==> flow/design.v <==
module dp_switch #(
    parameter integer WIDTH = 3,
    parameter integer COUNT = 16,
    parameter integer SEL_WIDTH = $clog2(COUNT)
) (
    input  wire ck,
    input  wire [COUNT*WIDTH-1:0] val,
    input  wire [SEL_WIDTH-1:0] sel,
    output wire [WIDTH-1:0] q
);
    reg [COUNT*WIDTH-1:0] val_q;
    always @(posedge ck) begin
        val_q <= val;
    end
    reg [SEL_WIDTH-1:0] sel_q;
    always @(posedge ck) begin
        sel_q <= sel;
    end
    wire [WIDTH-1:0] lvl [1:2*COUNT-1];
    genvar gi;
    generate
        for (gi = 0; gi < COUNT; gi = gi + 1) begin : lane
            assign lvl[COUNT+gi] = val_q[gi*WIDTH +: WIDTH];
        end
        for (gi = 1; gi < COUNT; gi = gi + 1) begin : stage
            assign lvl[gi] = sel_q[SEL_WIDTH - $clog2(gi+1)] ? lvl[2*gi+1] : lvl[2*gi];
        end
    endgenerate
    reg [WIDTH-1:0] q_q;
    always @(posedge ck) begin
        q_q <= lvl[1];
    end
    assign q = q_q;
endmodule
# [Step by step through the tools: dp_switch]
# Tool output for the design above, in the order of the flow.
# Lines are those of the file above, counted from 1.
# Library cell names are shortened.
# A cell with n/a has no value.
[design] design="dp_switch" clock="ck" lib="sky130hd" lib_corner="tt_025C_1v80"

# [After elaboration]
# Counts by Yosys on the flattened word-level netlist (proc, flatten, opt, wreduce). Print and check cells are left out. Cells with the same type and inputs are merged into one.
[word_totals] reg_bits=55 latchBits=0 mem_bits_rw=0 romBits=0 clocked_rd_ports_x_width=0 mem_count=0 output_inout_bits=3 word_cells=18
[op_classes] add_sub_neg=0 multipliers=0 n_div=0 n_cmp=0 equal=0 n_shift=0 mux=15 logic=0 reduce_logical=0
[op_table] operator="2-to-1 mux 3 bit" n=15

# [Logic depth]
# Depth = most cells in a row (Yosys ltp): at word level without a register or memory, in the mapped netlist without a sequential cell, where the memories' decode and read muxes count.
[logic_depth] ltp_word=4 abc_area=0 depth_mapped=4 ltp_nobuf=3

# [Mapped cells and area]
# Yosys stat after the flow's synthesis: flattened, memories mapped to cells. It holds for the ABC_AREA given above (unset counts as 0); a run with the other value may have another netlist.
# Totals and module areas in this step are rounded.
[by_type] type="dfxtp_1" n=55
[by_type] type="mux4_1" n=8
[by_type] type="mux4_2" n=4
[by_type] type="nand3_1" n=6
[by_type] type="a22oi_1" n=2
[by_type] type="a22oi_2" n=1
[by_type] type="nor2b_1" n=2
[by_type] type="buf_6" n=1
[by_type] type="nand2_1" n=3
[by_type] type="clkbuf_1" n=1
[by_type] type="nor2_1" n=1
[mapped] cells=84 area_um2=1500 seq_area_um2=1100 ffs=55

# [Timing after synthesis]
# Source: OpenSTA report_checks on the synthesized netlist (no wires, ideal clock, input and output delay 20% of the period each), path of least setup slack; recovery checks are left aside. Register names are those of the netlist, which keeps one name where synthesis merged equal registers.
[synth_timing] path_type="flip-flop to flip-flop" startpoint="register sel_q[0]" endpoint="register q_q[1]" tclk_ns=1.73 setup_time_ns=0.121 launch_ns=0.000 arrival_time_ns=1.262 t_required_ns=1.609 slack_ns=0.347 delay_ns=1.383 driving_pins=5 period_less_setup_slack_ns=1.383
# "delay_ns" is the arrival time less input delay plus setup time.
# "driving_pins" counts driving pins, that of a launching flip-flop among them; a cell with two outputs on the path counts twice.
# "period_less_setup_slack_ns" = period - worst setup slack (recovery checks aside). The figure is calculated, with input and output delays left at 20% of the set period.
# The rows between start and end are the longest chain of elaborated cells between them; the timing report does not say that the signal goes this way. Where chains are equally long, one stands for them.
# A line is the first line of the expression or statement that the cell stems from. Yosys adds cells for indexed reads and writes and turns some case tables into memories.
[synth_via] path_cell_list="dfxtp_1 > buf_6 > mux4_2 > a22oi_2 > nand3_1" elab_chain_cells=4 cells_between=15 lines_between=1
[synth_rtl] item="from (decl)" line=15 rtl="reg [SEL_WIDTH-1:0] sel_q;"
[synth_rtl] item="from (assign)" line=17 rtl="sel_q <= sel;"
[synth_rtl] item="2-to-1 mux 3 bit x4" line=26 rtl="assign lvl[gi] = sel_q[SEL_WIDTH - $clog2(gi+1)] ? lvl[2*gi+1] : lvl[2*gi];"
[synth_rtl] item="to (assign)" line=31 rtl="q_q <= lvl[1];"
[synth_rtl] item="to (decl)" line=29 rtl="reg [WIDTH-1:0] q_q;"

# [Timing after layout]
# Path of least setup slack in the final report of job 1 (OpenROAD, finished layout, wires in). Where an end is a register, its clock arrival counts in the times.
[layout_timing] path_type="flip-flop to flip-flop" startpoint="register sel_q[0]" endpoint="register q_q[1]" tclk_ns=2.23 setup_time_ns=0.11 launch_ns=0.29 arrival_time_ns=1.84 t_required_ns=2.41 slack_ns=0.57 driving_pins=5
# The rows between start and end are the longest chain of elaborated cells between them; the timing report does not say that the signal goes this way. Where chains are equally long, one stands for them.
[layout_via] path_cell_list="dfxtp_1 > buf_4 > mux4_2 > a22oi_2 > nand3_1" elab_chain_cells=4 cells_between=15 lines_between=1
[layout_rtl] item="from (decl)" line=15 rtl="reg [SEL_WIDTH-1:0] sel_q;"
[layout_rtl] item="from (assign)" line=17 rtl="sel_q <= sel;"
[layout_rtl] item="2-to-1 mux 3 bit x4" line=26 rtl="assign lvl[gi] = sel_q[SEL_WIDTH - $clog2(gi+1)] ? lvl[2*gi+1] : lvl[2*gi];"
[layout_rtl] item="to (assign)" line=31 rtl="q_q <= lvl[1];"
[layout_rtl] item="to (decl)" line=29 rtl="reg [WIDTH-1:0] q_q;"

Subject: flow runs of dp_switch

Hi,

Design dp_switch on sky130hd. What follows are 3 stored runs of the flow, each under its own settings; their order means nothing. The constraints put input and output delay at 20% of the set period each and load the outputs with 0.01 pF.
By "timing.achieved_period_ns" is meant the clock period of the run minus its worst setup slack. This is arithmetic on one report: input and output delays are still those of the set period (20% each).
"worst_path_time_ns" = time allowed to the worst setup path (clock period - input delay - output delay, where it has them) - its slack; a late launch clock adds to it, a late capture clock takes from it.
Values from the reports are rounded here.

[flow] job 1: files
==> flow/run.sh <==
#!/bin/bash
# the make line also repeats the synthesis and layout settings of config.mk as NAME=value (left out here)
make -C /OpenROAD-flow-scripts/flow DESIGN_CONFIG=/design/flow/config.mk WORK_HOME=/design/flow/orfs CLKGATE_MAP_FILE= finish
==> flow/config.mk <==
export PLATFORM = sky130hd
export DESIGN_NAME = dp_switch
export DESIGN_NICKNAME = dp_switch
export VERILOG_FILES = /design/flow/design.v
export SDC_FILE = /design/flow/constraint.sdc
export NUM_CORES = 4
export LEC_CHECK = 0
export CAP_MARGIN = 15
export CORE_MARGIN = 10
export CORE_UTILIZATION = 20
export CTS_CLUSTER_SIZE = 51
export MAX_ROUTING_LAYER = met4
export MIN_ROUTING_LAYER = met1
export PLACE_DENSITY_LB_ADDON = 0.13
export SETUP_SLACK_MARGIN = 0.25
export SLEW_MARGIN = 20
export TNS_END_PERCENT = 40
==> flow/constraint.sdc <==
create_clock -name core_clock -period 2.23 [get_ports {ck}]
set_input_delay 0.4460 -clock core_clock [delete_from_list [all_inputs] [get_ports {ck}]]
set_output_delay 0.4460 -clock core_clock [all_outputs]
set_load 0.01 [all_outputs]

[flow] job 1: metrics
[metrics] timing.setup.ws_ns = 0.574
[metrics] timing.achieved_period_ns = 1.656
[metrics] tns_setup_ns = 0.000
[metrics] design.die.area_um2 = 11400
[metrics] final_util_pct = 30.7
[metrics] final_stdcell_area_um2 = 2240
[metrics] worst_path_time_ns = 1.66
[metrics] worst_setup_path_type = flip-flop to flip-flop
[metrics] synth_area_um2 = 1500

[flow] job 2: files
==> flow/run.sh <==
#!/bin/bash
# the make line also repeats the synthesis and layout settings of config.mk as NAME=value (left out here)
make -C /OpenROAD-flow-scripts/flow DESIGN_CONFIG=/design/flow/config.mk WORK_HOME=/design/flow/orfs CLKGATE_MAP_FILE= finish
==> flow/config.mk <==
export PLATFORM = sky130hd
export DESIGN_NAME = dp_switch
export DESIGN_NICKNAME = dp_switch
export VERILOG_FILES = /design/flow/design.v
export SDC_FILE = /design/flow/constraint.sdc
export NUM_CORES = 4
export LEC_CHECK = 0
export CAP_MARGIN = 20
export CORE_MARGIN = 2
export CORE_UTILIZATION = 40
export SLEW_MARGIN = 20
==> flow/constraint.sdc <==
create_clock -name core_clock -period 1.73 [get_ports {ck}]
set_input_delay 0.3460 -clock core_clock [delete_from_list [all_inputs] [get_ports {ck}]]
set_output_delay 0.3460 -clock core_clock [all_outputs]
set_load 0.01 [all_outputs]

[flow] job 2: metrics
[metrics] timing.setup.ws_ns = 0.229
[metrics] timing.achieved_period_ns = 1.501
[metrics] tns_setup_ns = 0.000
[metrics] design.die.area_um2 = 4260
[metrics] final_util_pct = 61.2
[metrics] final_stdcell_area_um2 = 2220
[metrics] worst_path_time_ns = 1.15
[metrics] worst_setup_path_type = flip-flop to output port
[metrics] synth_area_um2 = 1500

[flow] job 3: files
==> flow/run.sh <==
#!/bin/bash
# the make line also repeats the synthesis and layout settings of config.mk as NAME=value (left out here)
make -C /OpenROAD-flow-scripts/flow DESIGN_CONFIG=/design/flow/config.mk WORK_HOME=/design/flow/orfs CLKGATE_MAP_FILE= finish
==> flow/config.mk <==
export PLATFORM = sky130hd
export DESIGN_NAME = dp_switch
export DESIGN_NICKNAME = dp_switch
export VERILOG_FILES = /design/flow/design.v
export SDC_FILE = /design/flow/constraint.sdc
export NUM_CORES = 4
export LEC_CHECK = 0
export ABC_AREA = 1
export CAP_MARGIN = 20
export CORE_MARGIN = 9
export CORE_UTILIZATION = 30
export CTS_CLUSTER_SIZE = 42
export SLEW_MARGIN = 20
==> flow/constraint.sdc <==
create_clock -name core_clock -period 2.15 [get_ports {ck}]
set_input_delay 0.4300 -clock core_clock [delete_from_list [all_inputs] [get_ports {ck}]]
set_output_delay 0.4300 -clock core_clock [all_outputs]
set_load 0.01 [all_outputs]

[flow] job 3: metrics
[metrics] timing.setup.ws_ns = 0.550
[metrics] timing.achieved_period_ns = 1.600
[metrics] tns_setup_ns = 0.000
[metrics] design.die.area_um2 = 8820
[metrics] final_util_pct = 44.0
[metrics] final_stdcell_area_um2 = 2440
[metrics] worst_path_time_ns = 1.17
[metrics] worst_setup_path_type = flip-flop to output port
[metrics] synth_area_um2 = 1730

Regards
